==> flow/design.v <==
module sync_adder #(
    parameter BITS = 8
) (
    input wire aclk,
    input wire i_rst,
    input wire valid,
    input wire [BITS-1:0] u_i,
    input wire [BITS-1:0] v_i,
    input wire [BITS-1:0] w_i,
    output reg [BITS+1:0] q_o
);
    reg [BITS-1:0] r_u;
    reg [BITS-1:0] r_v;
    reg [BITS-1:0] r_w;
    reg [BITS:0] r_tmp;
    reg [BITS-1:0] r_w_d;
    always @(posedge aclk or posedge i_rst) begin
        if (i_rst) begin
            r_u <= 0;
            r_v <= 0;
            r_w <= 0;
            r_tmp <= 0;
            r_w_d <= 0;
            q_o <= 0;
        end else if (valid) begin
            r_u <= u_i;
            r_v <= v_i;
            r_w <= w_i;
            r_tmp <= r_u + r_v;
            r_w_d <= r_w;
            q_o <= r_tmp + r_w_d;
        end
    end
endmodule
Reports on sync_adder
The steps from the RTL of sync_adder to its reports follow in flow order. Lines are those of the file above, counted from 1. Operators carry their Yosys type and port widths (W data, S select, Z words). Not given: --

Top: sync_adder. Clock: aclk. Library: sky130hd. Corner: tt_025C_1v80.

Word level
Counts by Yosys on the flattened word-level netlist (proc, flatten, opt, wreduce; memories kept). Register bits leave out memories and registers merged into their read ports (data or address); mux counts leave out enables and synchronous resets folded into registers. Print and check cells are left out. Cells with the same type and inputs are merged into one.

Under register bits stands 51. Bits of input ports: 27. Under output and inout bits stands 10. The figure for word-level cells is 8.

The figure for add/subtract/negate cells is 2.

Operator list (number): $add A9 B8 Y10 (1); $add A8 B8 Y9 (1).

Logic depth
Longest topological path by Yosys (ltp), each cell counted once; first at word level (registers and memories cut), then after technology mapping (sequential cells cut; the memories' decode and read muxes count).

Depth in word-level cells: 1. Under ABC_AREA stands 0. Mapped depth: 8.

Synthesis result
Source: synth_stat.txt of the flow (Yosys; design flattened, memories mapped). It holds for the ABC_AREA given above (unset counts as 0); a run with the other value may have another netlist. The area totals of this step are shown rounded.

The figure for standard cells after synthesis is 208. Cell area after synthesis: 2540 µm². The entry for sequential part of the area reads 1280 µm². The figure for flip-flop cells is 51.

Cell types (number): sky130_fd_sc_hd__dfrtp_1 (51); sky130_fd_sc_hd__mux2_2 (36); sky130_fd_sc_hd__ha_1 (16); sky130_fd_sc_hd__o21ai_0 (11); sky130_fd_sc_hd__nand2_1 (13); sky130_fd_sc_hd__nor2_1 (12); sky130_fd_sc_hd__xnor2_1 (5); sky130_fd_sc_hd__fa_1 (2); sky130_fd_sc_hd__a21oi_1 (7); sky130_fd_sc_hd__nor3_1 (7); sky130_fd_sc_hd__a211oi_1 (4); sky130_fd_sc_hd__a21o_1 (4); sky130_fd_sc_hd__o21a_1 (4); sky130_fd_sc_hd__inv_1 (7); sky130_fd_sc_hd__o2bb2ai_1 (3); sky130_fd_sc_hd__a211oi_2 (2); sky130_fd_sc_hd__buf_6 (2); sky130_fd_sc_hd__o211ai_1 (3).

Not listed: further types 14, cells in them 19.

Path before layout
OpenSTA on the mapped netlist: ideal clock, no wires. The path of least setup slack (recovery checks aside). Input and output delay are each 20% of the period. Register names are those of the netlist, which keeps one name where synthesis merged equal registers.

Path kind: register to register. From: register r_u[0]. To: register r_tmp[6]. Under clock period stands 2.33 ns. Under setup time stands 0.118 ns. The entry for time at the first pin reads 0.000 ns. The figure for arrival time is 1.747 ns. The entry for required time reads 2.212 ns. The entry for slack reads 0.464 ns. For delay of the path the number is 1.865 ns. For stages the number is 8. Under path buffers stands 0. Under period reached after synthesis stands 1.866 ns.

"delay of the path" is the arrival time less input delay plus setup time. "stages": output pins that drive a net of the path, with the launching flip-flop's if there is one; two outputs of one cell count as two. "period reached after synthesis" = period - worst setup slack (recovery checks aside). The figure is calculated, with input and output delays left at 20% of the set period. Between the ends stands the longest chain of elaborated cells between them, by number of cells; it is not shown to be the way that was timed. Of several equally long chains one is given. Each line given opens the expression or statement behind the cell; cells for indexed reads and writes are added by Yosys, which also makes memories of some case tables.

Cell sequence: sky130_fd_sc_hd__dfrtp_1 > sky130_fd_sc_hd__ha_1 > sky130_fd_sc_hd__fa_1 > sky130_fd_sc_hd__a21oi_1 > sky130_fd_sc_hd__o211ai_1 > sky130_fd_sc_hd__a211oi_1 > sky130_fd_sc_hd__nor3_1 > sky130_fd_sc_hd__a21o_1. Cells in the longest elaborated chain: 1. Under elaborated cells between the ends (all ways) stands 1. Classes of those cells: add/sub (1).

RTL lines, path post-synthesis: from (decl) (RTL line 12) `reg [BITS-1:0] r_u;`; from (assign) (RTL line 19) `r_u <= 0;`; from (assign) (RTL line 26) `r_u <= u_i;`; $add A8 B8 Y9 (RTL line 29) `r_tmp <= r_u + r_v;`; to (assign) (RTL line 22) `r_tmp <= 0;`; to (assign) (RTL line 29); to (decl) (RTL line 15) `reg [BITS:0] r_tmp;`.

Worst path after layout
From the final timing report of job 1: the path of least setup slack in the routed layout; clock arrival at registers is part of the times.

Path kind: register to register. From: register r_u[0]. To: register r_tmp[6]. Under clock period stands 2.54 ns. Under setup time stands 0.10 ns. The entry for time at the first pin reads 0.30 ns. The figure for arrival time is 2.27 ns. The entry for required time reads 2.75 ns. The entry for slack reads 0.48 ns. For stages the number is 8. Under path buffers stands 0.

Between the ends stands the longest chain of elaborated cells between them, by number of cells; it is not shown to be the way that was timed. Of several equally long chains one is given.

Cell sequence: sky130_fd_sc_hd__dfrtp_1 > sky130_fd_sc_hd__ha_1 > sky130_fd_sc_hd__fa_1 > sky130_fd_sc_hd__a21oi_1 > sky130_fd_sc_hd__o211ai_1 > sky130_fd_sc_hd__a211oi_1 > sky130_fd_sc_hd__nor3_1 > sky130_fd_sc_hd__a21o_1. Cells in the longest elaborated chain: 1. Under elaborated cells between the ends (all ways) stands 1. Classes of those cells: add/sub (1).

RTL lines, path after layout: from (decl) (RTL line 12) `reg [BITS-1:0] r_u;`; from (assign) (RTL line 19) `r_u <= 0;`; from (assign) (RTL line 26) `r_u <= u_i;`; $add A8 B8 Y9 (RTL line 29) `r_tmp <= r_u + r_v;`; to (assign) (RTL line 22) `r_tmp <= 0;`; to (assign) (RTL line 29); to (decl) (RTL line 15) `reg [BITS:0] r_tmp;`.

Memo
Re: implementation data of sync_adder

Flow measurements of sync_adder on sky130hd: 3 stored runs with different settings, listed in no order. Input and output delays are each 20% of the period that was set; the output load is 0.01 pF. "clock period reached" = clock period - worst setup slack. The figure is calculated, with input and output delays left at 20% of the set period. "time of the worst setup path": the worst setup path's part of the clock period (all of it between registers, 20% less for each end at a port) less its slack. A launch clock that arrives late makes it longer, a capture clock that arrives late makes it shorter. By "total power of the final layout" is meant OpenSTA's value without simulated activity: inputs other than the clock are taken to toggle once in ten clock periods, and the tool carries that through the logic. Results are given in rounded form.

Files of job 1:
==> flow/run.sh <==
#!/bin/bash
# the make line also repeats the synthesis and layout settings of config.mk as NAME=value (left out here)
make -C /OpenROAD-flow-scripts/flow DESIGN_CONFIG=/design/flow/config.mk WORK_HOME=/design/flow/orfs CLKGATE_MAP_FILE= finish
==> flow/config.mk <==
export PLATFORM = sky130hd
export DESIGN_NAME = sync_adder
export DESIGN_NICKNAME = sync_adder
export VERILOG_FILES = /design/flow/design.v
export SDC_FILE = /design/flow/constraint.sdc
export NUM_CORES = 4
export LEC_CHECK = 0
export CAP_MARGIN = 35
export CELL_PAD_IN_SITES_DETAIL_PLACEMENT = 1
export CORE_MARGIN = 2
export CORE_UTILIZATION = 26
export CTS_CLUSTER_DIAMETER = 119
export GPL_TIMING_DRIVEN = 0
export MIN_ROUTING_LAYER = met2
export PLACE_DENSITY_LB_ADDON = 0.11
export SETUP_SLACK_MARGIN = -0.09
export SLEW_MARGIN = 20
export TNS_END_PERCENT = 55
==> flow/constraint.sdc <==
create_clock -name core_clock -period 2.54 [get_ports {aclk}]
set_input_delay 0.5080 -clock core_clock [delete_from_list [all_inputs] [get_ports {aclk}]]
set_output_delay 0.5080 -clock core_clock [all_outputs]
set_load 0.01 [all_outputs]

Results of job 1. The lowest setup slack is 0.481 ns. The post-route worst hold slack stands at 0.488 ns. The mapped cell area after synthesis comes to 2540 µm². The clock period reached reads 2.059 ns. The time of the worst setup path is 2.06 ns. Critical path kind: register to register. The overall die area reads 10600 µm². The standard-cell area after layout is 3150 µm². For the sum of negative setup slack the run shows 0.000 ns. The measured utilization in the final report is 0.327. The total power of the final layout is 2.51 mW.

Files of job 2:
==> flow/run.sh <==
#!/bin/bash
# the make line also repeats the synthesis and layout settings of config.mk as NAME=value (left out here)
make -C /OpenROAD-flow-scripts/flow DESIGN_CONFIG=/design/flow/config.mk WORK_HOME=/design/flow/orfs CLKGATE_MAP_FILE= finish
==> flow/config.mk <==
export PLATFORM = sky130hd
export DESIGN_NAME = sync_adder
export DESIGN_NICKNAME = sync_adder
export VERILOG_FILES = /design/flow/design.v
export SDC_FILE = /design/flow/constraint.sdc
export NUM_CORES = 4
export LEC_CHECK = 0
export CAP_MARGIN = 40
export CORE_MARGIN = 2
export CORE_UTILIZATION = 56
export CTS_CLUSTER_DIAMETER = 369
export GPL_TIMING_DRIVEN = 0
export MAX_ROUTING_LAYER = met5
export PLACE_DENSITY_LB_ADDON = 0.07
export SETUP_SLACK_MARGIN = 0.15
export SLEW_MARGIN = 20
==> flow/constraint.sdc <==
create_clock -name core_clock -period 3.44 [get_ports {aclk}]
set_input_delay 0.6880 -clock core_clock [delete_from_list [all_inputs] [get_ports {aclk}]]
set_output_delay 0.6880 -clock core_clock [all_outputs]
set_load 0.01 [all_outputs]

Results of job 2. The lowest setup slack is 1.41 ns. The post-route worst hold slack stands at 0.483 ns. The mapped cell area after synthesis comes to 2540 µm². The clock period reached reads 2.035 ns. The time of the worst setup path is 2.03 ns. Critical path kind: register to register. The overall die area reads 5100 µm². The standard-cell area after layout is 3060 µm². For the sum of negative setup slack the run shows 0.000 ns. The measured utilization in the final report is 0.703. The total power of the final layout is 1.79 mW.

Files of job 3:
==> flow/run.sh <==
#!/bin/bash
# the make line also repeats the synthesis and layout settings of config.mk as NAME=value (left out here)
make -C /OpenROAD-flow-scripts/flow DESIGN_CONFIG=/design/flow/config.mk WORK_HOME=/design/flow/orfs CLKGATE_MAP_FILE= finish
==> flow/config.mk <==
export PLATFORM = sky130hd
export DESIGN_NAME = sync_adder
export DESIGN_NICKNAME = sync_adder
export VERILOG_FILES = /design/flow/design.v
export SDC_FILE = /design/flow/constraint.sdc
export NUM_CORES = 4
export LEC_CHECK = 0
export CAP_MARGIN = 20
export CORE_MARGIN = 2
export CORE_UTILIZATION = 40
export SLEW_MARGIN = 20
==> flow/constraint.sdc <==
create_clock -name core_clock -period 2.33 [get_ports {aclk}]
set_input_delay 0.4660 -clock core_clock [delete_from_list [all_inputs] [get_ports {aclk}]]
set_output_delay 0.4660 -clock core_clock [all_outputs]
set_load 0.01 [all_outputs]

Results of job 3. The lowest setup slack is 0.291 ns. The post-route worst hold slack stands at 0.483 ns. The mapped cell area after synthesis comes to 2540 µm². The clock period reached reads 2.039 ns. The time of the worst setup path is 2.04 ns. Critical path kind: register to register. The overall die area reads 7010 µm². The standard-cell area after layout is 3080 µm². For the sum of negative setup slack the run shows 0.000 ns. The measured utilization in the final report is 0.493. The total power of the final layout is 2.66 mW.
